==> flow/design.v <==
module add_core #(
  parameter W = 5,
  parameter N = 3,
  parameter OUT_W = W + $clog2(N)
) (
  input  wire CLK,
  input  wire RST,
  input  wire enable,
  input  wire [N*W-1:0] d,
  output wire [OUT_W-1:0] s
);
  wire [OUT_W-1:0] lvl [1:2*N-1];
  genvar k;
  generate
    for (k = 0; k < N; k = k + 1) begin : u_g
      assign lvl[N+k] = d[k*W +: W];
    end
    for (k = 1; k < N; k = k + 1) begin : lane
      assign lvl[k] = lvl[2*k] + lvl[2*k+1];
    end
  endgenerate
  reg [OUT_W-1:0] s_q;
  always @(posedge CLK or posedge RST) begin
    if (RST) begin
      s_q <= 0;
    end else if (enable) begin
      s_q <= lvl[1];
    end
  end
  assign s = s_q;
endmodule
# Reports on add_core
# Tool output for the design above, in the order of the flow.
# Lines are those of the file above, counted from 1.
# Operators carry their Yosys type and port widths (W data, S select, Z words).
inputs:
  top_module: "add_core"
  clk_port: "CLK"
  lib: "sky130hd"
  corner: "tt_025C_1v80"

# Word level
# Source: Yosys, flattened and elaborated, memories not mapped. Widths are those after wreduce; folded enables and synchronous resets count as part of the registers. Registers that Yosys merges into a memory's read port (data or address) are not register bits. Print and check cells do not count. Equal cells are merged and count once.
bits:
  wordCells: 3
  output_inout_bits: 7
  ff_bits: 7
op_classes:
  add_sub_neg: 2
ops:
  columns: ["cell", "n"]
  rows:
  - ["$add A7 B5 Y7", 1]
  - ["$add A5 B5 Y6", 1]

# Longest topological paths
# Yosys ltp: most cells in a row. Word level: on the elaborated netlist, between registers, memories and ports. Mapped: between sequential cells and ports; inverters and the memories' decode and read muxes count.
logic_depth:
  ltp_word: 2
  ABC_AREA: 0
  mapped_depth: 10
  ltp_nobuf: 10

# Synthesis result
# Source: synth_stat.txt of the flow (Yosys; design flattened, memories mapped). It holds for the ABC_AREA given above (unset counts as 0); a run with the other value may have another netlist.
mapped:
  seqArea_um2: 175.2
  area_um2: 631.9
  cell_count: 61
  ff_cells: 7
types:
  columns: ["cell", "n", "area_total_um2"]
  rows:
  - ["sky130_fd_sc_hd__dfrtp_1", 7, 175.168]
  - ["sky130_fd_sc_hd__ha_1", 11, 137.632]
  - ["sky130_fd_sc_hd__mux2_2", 4, 45.043]
  - ["sky130_fd_sc_hd__fa_1", 2, 40.038]
  - ["sky130_fd_sc_hd__a21o_1", 4, 30.029]
  - ["sky130_fd_sc_hd__xnor2_1", 3, 26.275]
  - ["sky130_fd_sc_hd__xor2_1", 3, 26.275]
  - ["sky130_fd_sc_hd__a21oi_1", 5, 25.024]
  - ["sky130_fd_sc_hd__inv_1", 4, 15.014]
  - ["sky130_fd_sc_hd__nand3_1", 3, 15.014]
  - ["sky130_fd_sc_hd__o2111ai_2", 1, 15.014]
  - ["sky130_fd_sc_hd__nor2_1", 3, 11.261]
  - ["sky130_fd_sc_hd__a21bo_1", 1, 10.01]
  - ["sky130_fd_sc_hd__o21ai_1", 2, 10.01]
  - ["sky130_fd_sc_hd__a211oi_1", 1, 7.507]
  - ["sky130_fd_sc_hd__nand3b_1", 1, 7.507]
  - ["sky130_fd_sc_hd__o21bai_1", 1, 7.507]
  - ["sky130_fd_sc_hd__a31oi_1", 1, 6.256]
# Not listed: further types 4, cells in them 4.

# Worst setup path after synthesis
# Source: OpenSTA report_checks on the synthesized netlist (no wires, ideal clock, input and output delay 20% of the period each), path of least setup slack; recovery checks are left aside. Register names are those of the netlist, which keeps one name where synthesis merged equal registers.
synth_path:
  kind: "input to register"
  start: "input d[5]"
  end: "register s_q[5]"
  arrival_ns: 2.616
  required_ns: 3.128
  path_slack_ns: 0.512
  t_first_pin_ns: 0.642
  period_ns: 3.21
  driving_pins: 10
  path_delay_ns: 2.056
  period_less_setup_slack_ns: 2.698
# "path_delay_ns" is the arrival time less input delay plus setup time.
# "driving_pins" counts driving pins, that of a launching flip-flop among them; a cell with two outputs on the path counts twice.
# "period_less_setup_slack_ns" is the clock period less the worst setup slack; recovery checks do not enter. This is arithmetic on one report: input and output delays are still those of the set period (20% each).
# The rows between start and end are the longest chain of elaborated cells between them; the timing report does not say that the signal goes this way. Where chains are equally long, one stands for them.
# Each line given opens the expression or statement behind the cell; cells for indexed reads and writes are added by Yosys, which also makes memories of some case tables.
synth_between:
  path_cell_list: "sky130_fd_sc_hd__ha_1 sky130_fd_sc_hd__fa_1 sky130_fd_sc_hd__a21o_1 sky130_fd_sc_hd__a21oi_1 sky130_fd_sc_hd__xnor2_1 sky130_fd_sc_hd__ha_1 sky130_fd_sc_hd__nand3_1 sky130_fd_sc_hd__o2111ai_2 sky130_fd_sc_hd__a21bo_1 sky130_fd_sc_hd__a31oi_1"
  elab_chain_len: 2
synth_rtl:
  columns: ["element", "line", "text"]
  rows:
  - ["start, declared", 9, "input  wire [N*W-1:0] d,"]
  - ["$add A5 B5 Y6", 19, "assign lvl[k] = lvl[2*k] + lvl[2*k+1];"]
  - ["$add A7 B5 Y7", 19, null]
  - ["end, assigned", 25, "s_q <= 0;"]
  - ["end, assigned", 27, "s_q <= lvl[1];"]
  - ["end, declared", 22, "reg [OUT_W-1:0] s_q;"]

# Timing after layout
# From the final timing report of entry A: the path of least setup slack in the routed layout; clock arrival at registers is part of the times.
layout_path:
  kind: "input to register"
  start: "input d[11]"
  end: "register s_q[5]"
  path_slack_ns: 0.96
  arrival_ns: 2.96
  t_first_pin_ns: 0.75
  required_ns: 3.91
  period_ns: 3.73
  driving_pins: 10
# The rows between start and end are the longest chain of elaborated cells between them; the timing report does not say that the signal goes this way. Where chains are equally long, one stands for them.
layout_between:
  path_cell_list: "sky130_fd_sc_hd__dlygate4sd2_1 sky130_fd_sc_hd__fa_2 sky130_fd_sc_hd__a21o_1 sky130_fd_sc_hd__a21oi_2 sky130_fd_sc_hd__xnor2_1 sky130_fd_sc_hd__ha_1 sky130_fd_sc_hd__nand3_2 sky130_fd_sc_hd__o2111ai_2 sky130_fd_sc_hd__a21bo_1 sky130_fd_sc_hd__a31oi_1"
  elab_chain_len: 2
layout_rtl:
  columns: ["element", "line", "text"]
  rows:
  - ["start, declared", 9, "input  wire [N*W-1:0] d,"]
  - ["$add A5 B5 Y6", 19, "assign lvl[k] = lvl[2*k] + lvl[2*k+1];"]
  - ["$add A7 B5 Y7", 19, null]
  - ["end, assigned", 25, "s_q <= 0;"]
  - ["end, assigned", 27, "s_q <= lvl[1];"]
  - ["end, declared", 22, "reg [OUT_W-1:0] s_q;"]

# Flow runs of add_core

add_core through Yosys and OpenROAD on sky130hd: 3 stored runs, unordered, with their settings and measured results. The constraints put input and output delay at 20% of the set period each and load the outputs with 0.01 pF.
"period_reached_ns" = clock period - worst setup slack. The figure is calculated, with input and output delays left at 20% of the set period.
By "timing.worst_path_ns" is meant the share of the clock period that the worst setup path is allowed (20% is reserved at inputs, 20% at outputs), minus its slack. Clock arrival times at its registers enter into it.
"power_total_uw" rests on the timing tool's default activity at the inputs, not on a simulated workload.

--- entry A ---
==> flow/run.sh <==
#!/bin/bash
# the make line also repeats the synthesis and layout settings of config.mk as NAME=value (left out here)
make -C /OpenROAD-flow-scripts/flow DESIGN_CONFIG=/design/flow/config.mk WORK_HOME=/design/flow/orfs CLKGATE_MAP_FILE= finish
==> flow/config.mk <==
export PLATFORM = sky130hd
export DESIGN_NAME = add_core
export DESIGN_NICKNAME = add_core
export VERILOG_FILES = /design/flow/design.v
export SDC_FILE = /design/flow/constraint.sdc
export NUM_CORES = 4
export LEC_CHECK = 0
export CAP_MARGIN = 20
export CELL_PAD_IN_SITES_DETAIL_PLACEMENT = 1
export CORE_MARGIN = 8
export CORE_UTILIZATION = 46
export GPL_ROUTABILITY_DRIVEN = 0
export PLACE_DENSITY = 0.47
export SETUP_SLACK_MARGIN = 0.88
export SLEW_MARGIN = 35
==> flow/constraint.sdc <==
create_clock -name core_clock -period 3.73 [get_ports {CLK}]
set_input_delay 0.7460 -clock core_clock [delete_from_list [all_inputs] [get_ports {CLK}]]
set_output_delay 0.7460 -clock core_clock [all_outputs]
set_load 0.01 [all_outputs]

==> results, as YAML <==
results:
  worst_setup_slack_ns: 0.955
  die_um2: 2815.4
  util_pct: 75.9
  post_synth_area_um2: 631.9
  period_reached_ns: 2.775
  final_hold_ws_ns: 0.538
  timing.worst_path_ns: 2.03
  worst_path_kind: "input to register"
  power_total_uw: 451.4
  total_negative_slack_ns: 0.000

--- entry B ---
==> flow/run.sh <==
#!/bin/bash
# the make line also repeats the synthesis and layout settings of config.mk as NAME=value (left out here)
make -C /OpenROAD-flow-scripts/flow DESIGN_CONFIG=/design/flow/config.mk WORK_HOME=/design/flow/orfs CLKGATE_MAP_FILE= finish
==> flow/config.mk <==
export PLATFORM = sky130hd
export DESIGN_NAME = add_core
export DESIGN_NICKNAME = add_core
export VERILOG_FILES = /design/flow/design.v
export SDC_FILE = /design/flow/constraint.sdc
export NUM_CORES = 4
export LEC_CHECK = 0
export CAP_MARGIN = 20
export CORE_MARGIN = 2
export CORE_UTILIZATION = 40
export SLEW_MARGIN = 20
==> flow/constraint.sdc <==
create_clock -name core_clock -period 3.21 [get_ports {CLK}]
set_input_delay 0.6420 -clock core_clock [delete_from_list [all_inputs] [get_ports {CLK}]]
set_output_delay 0.6420 -clock core_clock [all_outputs]
set_load 0.01 [all_outputs]

==> results, as YAML <==
results:
  worst_setup_slack_ns: 0.254
  die_um2: 1913.6
  util_pct: 62.4
  post_synth_area_um2: 631.9
  period_reached_ns: 2.956
  final_hold_ws_ns: 0.503
  timing.worst_path_ns: 2.31
  worst_path_kind: "input to register"
  power_total_uw: 445.7
  total_negative_slack_ns: 0.000

--- entry C ---
==> flow/run.sh <==
#!/bin/bash
# the make line also repeats the synthesis and layout settings of config.mk as NAME=value (left out here)
make -C /OpenROAD-flow-scripts/flow DESIGN_CONFIG=/design/flow/config.mk WORK_HOME=/design/flow/orfs CLKGATE_MAP_FILE= finish
==> flow/config.mk <==
export PLATFORM = sky130hd
export DESIGN_NAME = add_core
export DESIGN_NICKNAME = add_core
export VERILOG_FILES = /design/flow/design.v
export SDC_FILE = /design/flow/constraint.sdc
export NUM_CORES = 4
export LEC_CHECK = 0
export CAP_MARGIN = 20
export CELL_PAD_IN_SITES_DETAIL_PLACEMENT = 1
export CORE_MARGIN = 4
export CORE_UTILIZATION = 41
export GPL_ROUTABILITY_DRIVEN = 1
export MAX_ROUTING_LAYER = met5
export PLACE_DENSITY_LB_ADDON = 0.14
export SETUP_SLACK_MARGIN = 0.12
export SLEW_MARGIN = 20
export TNS_END_PERCENT = 55
==> flow/constraint.sdc <==
create_clock -name core_clock -period 1.81 [get_ports {CLK}]
set_input_delay 0.3620 -clock core_clock [delete_from_list [all_inputs] [get_ports {CLK}]]
set_output_delay 0.3620 -clock core_clock [all_outputs]
set_load 0.01 [all_outputs]

==> results, as YAML <==
outcome: "not finished: clock tree synthesis ended with error DPL-0033"
